==> flow/design.v <==
module alu_relation #(
  parameter DWIDTH = 64
) (
  input  wire clk,
  input  wire i_rst_n,
  input  wire [DWIDTH-1:0] op_a_in,
  input  wire [DWIDTH-1:0] op_b_in,
  input  wire [DWIDTH-1:0] op_c_in,
  output reg [DWIDTH-1:0] result_out
);
  reg [DWIDTH-1:0] op_a_reg;
  reg [DWIDTH-1:0] op_b_reg;
  reg [DWIDTH-1:0] op_c_reg;
  always @(posedge clk or negedge i_rst_n) begin
    if (!i_rst_n) begin
      op_a_reg <= 0;
      op_b_reg <= 0;
      op_c_reg <= 0;
      result_out <= 0;
    end else begin
      op_a_reg <= op_a_in;
      op_b_reg <= op_b_in;
      op_c_reg <= op_c_in;
      result_out <= (op_a_reg < op_b_reg) ? op_b_reg : (op_a_reg > op_c_reg) ? op_c_reg : op_a_reg;
    end
  end
endmodule
* Step by step through the tools: alu_relation
The steps from the RTL of alu_relation to its reports follow in flow order. Lines are those of the file above, counted from 1. Cell names lack the library's common part. The mark n/a stands for no value.
Design: design top alu_relation, clock port clk, standard-cell library sky130hd, timing corner tt_025C_1v80

* Word level
Yosys after proc, flatten, opt, wreduce and memory -nomap, before mapping. Enables and synchronous resets that opt folds into registers are not counted as muxes. Memory bits, and registers merged into a memory's read port (data or address), are not among the register bits. Print and check cells are not counted. Equal cells are merged and count once.
Storage and ports: register bits 256, input port bits 194, cells after elaboration 8
Operators by class: $lt $le $gt $ge 2, multiplexer cells 2
Operators with widths (number):
- 64-bit 2-to-1 mux | 2
- 64-bit > comparator | 1
- 64-bit less-than comparator | 1

* Depth
Depth = most cells in a row (Yosys ltp): at word level without a register or memory, in the mapped netlist without a sequential cell, where the memories' decode and read muxes count.
Logic depth: depth after elaboration 3, ABC_AREA 0, gate-level depth with buffers 11, mapped depth without buffers 9

* Netlist
Source: synth_stat.txt of the flow (Yosys; design flattened, memories mapped). It holds for the ABC_AREA given above (unset counts as 0); a run with the other value may have another netlist. The area totals of this step are shown rounded.
Synthesis totals: cells in the netlist 1174, chip area (Yosys) 13240 µm², sequential part of the area 6406 µm², flip-flop cells 256
Cell types (number):
- dfrtp_1 | 256
- ha_1 | 127
- a41oi_2 | 60
- o211ai_2 | 60
- a21oi_1 | 109
- inv_1 | 128
- and3_1 | 62
- nand3_1 | 73
- nor3_1 | 67
- nand4_1 | 24
- buf_2 | 27
- nand2_1 | 33
- clkbuf_1 | 32
- o21ai_0 | 20
- buf_8 | 6
- a21o_1 | 7
- o21a_1 | 7
- nor2_1 | 13
Not listed: further types 32, cells in them 63.

* Path before layout
Source: OpenSTA report_checks on the synthesized netlist (no wires, ideal clock, input and output delay 20% of the period each), path of least setup slack; recovery checks are left aside. Register names are those of the netlist, which keeps one name where synthesis merged equal registers.
Path post-synthesis: path type reg2reg, from register op_a_reg[62], to register result_out[10], clock period 3.06 ns, setup time 0.084 ns, time at the first pin 0.000 ns, arrival time 2.364 ns, required time 2.976 ns, setup slack 0.613 ns, delay of the path 2.448 ns, driving pins on the path 9, path buffers 2, synthesis period reached 2.447 ns
"delay of the path" = arrival - input delay + setup time. "driving pins on the path": output pins that drive a net of the path, with the launching flip-flop's if there is one; two outputs of one cell count as two. "synthesis period reached" is the clock period less the worst setup slack; recovery checks do not enter. This is arithmetic on one report: input and output delays are still those of the set period (20% each). The rows between start and end are the longest chain of elaborated cells between them; the timing report does not say that the signal goes this way. Where chains are equally long, one stands for them. Each line given opens the expression or statement behind the cell; cells for indexed reads and writes are added by Yosys, which also makes memories of some case tables.
Between the ends, post-synthesis: cell sequence dfrtp_1 -> ha_1 -> nand4_2 -> or4_4 -> buf_6 -> a21oi_4 -> buf_8 -> o211ai_2 -> a41oi_2, cells in the longest elaborated chain 3, elaborated cells on any way between the ends 4, RTL lines with such cells 1
Ends and longest elaborated chain, post-synthesis:
- from (decl) | line 11 | reg [DWIDTH-1:0] op_a_reg;
- from (assign) | line 16 | op_a_reg <= 0;
- from (assign) | line 21 | op_a_reg <= op_a_in;
- 64-bit > comparator | line 24 | result_out <= (op_a_reg < op_b_reg) ? op_b_reg : (op_a_reg > op_c_reg) ? op_c_reg : op_a_reg;
- 64-bit 2-to-1 mux (2 in a row) | line 24
- to (assign) | line 19 | result_out <= 0;
- to (assign) | line 24
- to (decl) | line 9 | output reg [DWIDTH-1:0] result_out

* Timing after layout
From the final timing report of run A: the path of least setup slack in the routed layout; clock arrival at registers is part of the times.
Path post-layout: path type reg2reg, from register op_a_reg[30], to register result_out[35], clock period 4.59 ns, setup time 0.18 ns, time at the first pin 0.60 ns, arrival time 4.81 ns, required time 5.00 ns, setup slack 0.18 ns, driving pins on the path 10, path buffers 2
The rows between start and end are the longest chain of elaborated cells between them; the timing report does not say that the signal goes this way. Where chains are equally long, one stands for them.
Between the ends, post-layout: cell sequence dfrtp_1 -> ha_1 -> nand4_1 -> nor4_1 -> a22oi_1 -> a31oi_1 -> or2_1 -> buf_2 -> buf_2 -> a41oi_2, cells in the longest elaborated chain 3, elaborated cells on any way between the ends 4, RTL lines with such cells 1
Ends and longest elaborated chain, post-layout:
- from (decl) | line 11 | reg [DWIDTH-1:0] op_a_reg;
- from (assign) | line 16 | op_a_reg <= 0;
- from (assign) | line 21 | op_a_reg <= op_a_in;
- 64-bit > comparator | line 24 | result_out <= (op_a_reg < op_b_reg) ? op_b_reg : (op_a_reg > op_c_reg) ? op_c_reg : op_a_reg;
- 64-bit 2-to-1 mux (2 in a row) | line 24
- to (assign) | line 19 | result_out <= 0;
- to (assign) | line 24
- to (decl) | line 9 | output reg [DWIDTH-1:0] result_out

Memo
Re: implementation data of alu_relation

Flow measurements of alu_relation on sky130hd: 3 stored runs with different settings, listed in no order. Input and output delays are each 20% of the period that was set; the output load is 0.01 pF.
"achieved period" is the run's clock period less its worst setup slack. It is reckoned from that one timing run; input and output delays stay at 20% of the period that was set.
"allowed time less slack (worst setup path)" means the part of the period allowed to the worst setup path (the constraints hold back 20% at inputs and 20% at outputs) less its slack; where the path has registers, the arrival times of their clocks count too.
"power" is the tool's figure for a default switching activity; nothing was simulated.
Measured values are rounded.

* Run A | settings: period_ns 4.59; CORE_UTILIZATION 19; SETUP_SLACK_MARGIN -0.36; PLACE_DENSITY_LB_ADDON 0.28; CORE_ASPECT_RATIO 1.07; TNS_END_PERCENT 10; GPL_TIMING_DRIVEN 0; GPL_ROUTABILITY_DRIVEN 0; CTS_CLUSTER_SIZE 35; CAP_MARGIN 10; MAX_ROUTING_LAYER met4; CORE_MARGIN 2; SLEW_MARGIN 20 | results: worst setup slack after layout 0.183 ns; die size 71,810 µm²; standard-cell area of the final layout 18,180 µm²; power 6.598 mW; sum of negative setup slack 0.000 ns; utilization of the finished layout 26.2 %; cell area after synthesis 13,240 µm²; achieved period 4.407 ns; allowed time less slack (worst setup path) 4.41 ns; type of the worst setup path reg2reg
* Run B | settings: period_ns 3.06; CAP_MARGIN 20; CORE_MARGIN 2; CORE_UTILIZATION 40; SLEW_MARGIN 20 | results: worst setup slack after layout 0.136 ns; die size 34,570 µm²; standard-cell area of the final layout 17,490 µm²; power 9.472 mW; sum of negative setup slack 0.000 ns; utilization of the finished layout 53.8 %; cell area after synthesis 13,240 µm²; achieved period 2.924 ns; allowed time less slack (worst setup path) 2.92 ns; type of the worst setup path reg2reg
* Run C | settings: period_ns 4.82; CORE_UTILIZATION 62; PLACE_DENSITY 0.43; CELL_PAD_IN_SITES_DETAIL_PLACEMENT 0; ABC_AREA 1; GPL_TIMING_DRIVEN 1; CTS_CLUSTER_SIZE 18; SLEW_MARGIN 20; MAX_ROUTING_LAYER met5; CAP_MARGIN 20; CORE_MARGIN 2 | results: worst setup slack after layout 1.410 ns; die size 20,710 µm²; standard-cell area of the final layout 15,480 µm²; power 5.322 mW; sum of negative setup slack 0.000 ns; utilization of the finished layout 80.1 %; cell area after synthesis 12,140 µm²; achieved period 3.410 ns; allowed time less slack (worst setup path) 3.41 ns; type of the worst setup path reg2reg
